==> flow/design.v <==
module mux_stage (clk_i, aresetn, adv, d_0_in, d_1_in, d_2_in, d_3_in, d_4_in, d_5_in, select_in, o_out);
  parameter BITS = 32;
  input clk_i;
  input aresetn;
  input adv;
  input [BITS-1:0] d_0_in;
  input [BITS-1:0] d_1_in;
  input [BITS-1:0] d_2_in;
  input [BITS-1:0] d_3_in;
  input [BITS-1:0] d_4_in;
  input [BITS-1:0] d_5_in;
  input [2:0] select_in;
  output reg [BITS-1:0] o_out;
  reg [BITS-1:0] work;
  always @* begin
    if (select_in == 0) work = d_0_in;
    else if (select_in == 1) work = d_1_in;
    else if (select_in == 2) work = d_2_in;
    else if (select_in == 3) work = d_3_in;
    else if (select_in == 4) work = d_4_in;
    else work = d_5_in;
  end
  always @(posedge clk_i or negedge aresetn) begin
    if (~aresetn) begin
      o_out <= 0;
    end else if (adv) begin
      o_out <= work;
    end
  end
endmodule
Tool chain data of mux_stage
The steps from the RTL of mux_stage to its reports follow in flow order.
Lines are those of the file above, counted from 1.
The mark -- stands for no value.

inputs
  top = mux_stage
  clock = clk_i
  cell library = sky130hd
  timing corner = tt_025C_1v80

After elaboration
Counts by Yosys on the flattened word-level netlist (proc, flatten, opt, wreduce; memories kept). Register bits leave out memories and registers merged into their read ports (data or address); mux counts leave out enables and synchronous resets folded into registers. Print and check cells are left out. Cells with the same type and inputs are merged into one.

operators by class
  multiplexer cells = 5
  reduce/logical cells = 1
  equal/unequal tests = 4

operator list
  cell                                                  count
  2-to-1 mux 32 bit                                     5
  equality test 3 x 2 -> 1 bit (second input constant)  2
  equality test 3 x 1 -> 1 bit (second input constant)  1
  equality test 3 bit (second input constant)           1
  logical NOT 3 bit                                     1

bit counts
  input port bits = 198
  cells after elaboration = 11
  register bits after elaboration = 32
  output and inout port bits = 32

Longest topological paths
Yosys ltp: most cells in a row. Word level: on the elaborated netlist, between registers, memories and ports. Mapped: between sequential cells and ports; inverters and the memories' decode and read muxes count.

depth
  word-level depth = 6
  ABC_AREA = 0
  mapped depth = 6

After synthesis
The flow's flattened synthesis, as Yosys stat reports it; memories are mapped. The netlist is that of the ABC_AREA named above (0 if unset); the other value can give another one.
The area totals of this step are shown rounded.

mapped netlist
  buffer cells = 63
  sequential part of the area = 0.000801 mm2
  mapped cells = 451
  flip-flops = 32
  synthesis area = 0.00404 mm2

cell types
  type                        count  area in all (um2)
  sky130_fd_sc_hd__dfrtp_1    32     800.768
  sky130_fd_sc_hd__o211ai_2   28     350.336
  sky130_fd_sc_hd__a221o_1    32     320.307
  sky130_fd_sc_hd__a221oi_1   32     280.269
  sky130_fd_sc_hd__and3b_1    32     280.269
  sky130_fd_sc_hd__o211ai_1   36     270.259
  sky130_fd_sc_hd__a21oi_2    30     262.752
  sky130_fd_sc_hd__or4bb_1    22     247.738
  sky130_fd_sc_hd__o21bai_1   32     240.23
  sky130_fd_sc_hd__nand2b_1   32     200.192
  sky130_fd_sc_hd__buf_6      15     168.912
  sky130_fd_sc_hd__buf_2      26     130.125
  sky130_fd_sc_hd__nand2_1    32     120.115
  sky130_fd_sc_hd__nor2_1     32     120.115
  sky130_fd_sc_hd__nand4bb_1  10     112.608
  sky130_fd_sc_hd__clkbuf_1   18     67.565
  sky130_fd_sc_hd__buf_4      4      30.029
  sky130_fd_sc_hd__a21oi_1    2      10.01

Other cell types: 4; their cells: 4.

Path before layout
Path of least setup slack by OpenSTA after synthesis, without wires, with an ideal clock, recovery checks aside; 20% of the period is set as input and as output delay. Where synthesis merged equal registers, the netlist keeps one of their names.

timing path after synthesis
  path type = input to register
  start point = in select_in[2]
  end point = reg o_out[23]
  stages on the path = 6
  external input delay = 338 ps
  data arrival time = 1293 ps
  path buffers = 3
  setup slack = 271 ps
  delay of the path = 1081 ps
  library setup time = 126 ps
  time at the first pin = 338 ps
  clock period = 1690 ps
  required time = 1564 ps
  synthesis period reached = 1419 ps

"delay of the path" = arrival - input delay + setup time.
"stages on the path": output pins that drive a net of the path, with the launching flip-flop's if there is one; two outputs of one cell count as two.
"synthesis period reached" = period - worst setup slack (recovery checks aside). The figure is calculated, with input and output delays left at 20% of the set period.
The rows between start and end are the longest chain of elaborated cells between them; the timing report does not say that the signal goes this way. Where chains are equally long, one stands for them.
Each line given opens the expression or statement behind the cell; cells for indexed reads and writes are added by Yosys, which also makes memories of some case tables.

on the way, after synthesis
  cell sequence = sky130_fd_sc_hd__buf_6 sky130_fd_sc_hd__buf_2 sky130_fd_sc_hd__buf_2 sky130_fd_sc_hd__o211ai_1 sky130_fd_sc_hd__o211ai_1 sky130_fd_sc_hd__a221o_1
  cells in the longest elaborated chain = 6
  elaborated cells between the ends (all ways) = 10
  RTL lines with such cells = 5

RTL lines, path after synthesis
  item                 RTL line  RTL
  start, declared      12        input [2:0] select_in;
  equality test 3 bit  20        else if (select_in == 4) work = d_4_in;
  2-to-1 mux 32 bit    20
  2-to-1 mux 32 bit    19        else if (select_in == 3) work = d_3_in;
  2-to-1 mux 32 bit    18        else if (select_in == 2) work = d_2_in;
  2-to-1 mux 32 bit    17        else if (select_in == 1) work = d_1_in;
  2-to-1 mux 32 bit    16        if (select_in == 0) work = d_0_in;
  end, assigned        25        o_out <= 0;
  end, assigned        27        o_out <= work;
  end, declared        13        output reg [BITS-1:0] o_out;

Path in the finished layout
From the final timing report of flow run 2: the path of least setup slack in the routed layout; clock arrival at registers is part of the times.
The report prints the path's times to 10 ps; the period is as set.

timing path after layout
  path type = input to register
  start point = in adv
  end point = reg o_out[30]
  data arrival time = 1810 ps
  clock period = 1690 ps
  time at the first pin = 340 ps
  stages on the path = 5
  path buffers = 2
  setup slack = 110 ps
  external input delay = 340 ps
  library setup time = 60 ps
  required time = 1920 ps

on the way, after layout
  cell sequence = sky130_fd_sc_hd__clkdlybuf4s50_1 sky130_fd_sc_hd__or3b_2 sky130_fd_sc_hd__buf_4 sky130_fd_sc_hd__a21oi_2 sky130_fd_sc_hd__a221o_1

RTL lines, path after layout
  item             RTL line  RTL
  start, declared  5         input adv;
  end, assigned    25        o_out <= 0;
  end, assigned    27        o_out <= work;
  end, declared    13        output reg [BITS-1:0] o_out;

Chain of elaborated cells between the ends: none given.

Settings and measured results of 3 stored flow runs for module mux_stage (sky130hd), not sorted in any way. The constraints put input and output delay at 20% of the set period each and load the outputs with 0.01 pF.
"achieved period" is the run's clock period less its worst setup slack. It is reckoned from that one timing run; input and output delays stay at 20% of the period that was set.
"allowed time less slack (worst setup path)" is the time allowed to the run's worst setup path (the clock period less input and output delay, where it has them) less its slack. Clock arrival times count: a late capture clock shortens it, a late launch clock lengthens it.
"power" rests on the timing tool's default activity at the inputs, not on a simulated workload.
"allowed time less slack (worst setup path)" is given in steps of 10 ps.
Measured values are rounded.
A setting shown as -- is not set for that run.
A result given as -- is not shown for that run.

setting or result                                flow run 1  flow run 2         flow run 3
period_ns                                        1.0         1.69               1.63
CORE_UTILIZATION                                 42          40                 71
CORE_ASPECT_RATIO                                1.56        --                 1.07
CELL_PAD_IN_SITES_GLOBAL_PLACEMENT               2           --                 --
ABC_AREA                                         0           --                 --
GPL_TIMING_DRIVEN                                0           --                 --
MAX_ROUTING_LAYER                                met4        --                 --
CAP_MARGIN                                       20          20                 40
CORE_MARGIN                                      2           2                  2
SLEW_MARGIN                                      20          20                 20
SETUP_SLACK_MARGIN                               --          --                 0.3
PLACE_DENSITY_LB_ADDON                           --          --                 0.26
CELL_PAD_IN_SITES_DETAIL_PLACEMENT               --          --                 1
MIN_ROUTING_LAYER                                --          --                 met2
full die area (mm2)                              --          0.0109             --
summed negative setup slack (ps)                 --          0                  --
Yosys chip area after synthesis (mm2)            --          0.00404            --
achieved period (ps)                             --          1576               --
worst slack on setup checks (ps)                 --          114                --
power (mW)                                       --          3.14               --
standard-cell area of the final layout (mm2)     --          0.00654            --
allowed time less slack (worst setup path) (ps)  --          1240               --
worst setup path type                            --          input to register  --
utilization (%)                                  --          66.9               --

Flow run 1: stopped before the end: placement reported GPL-0301
Flow run 3: stopped before the end: placement reported FLW-0024
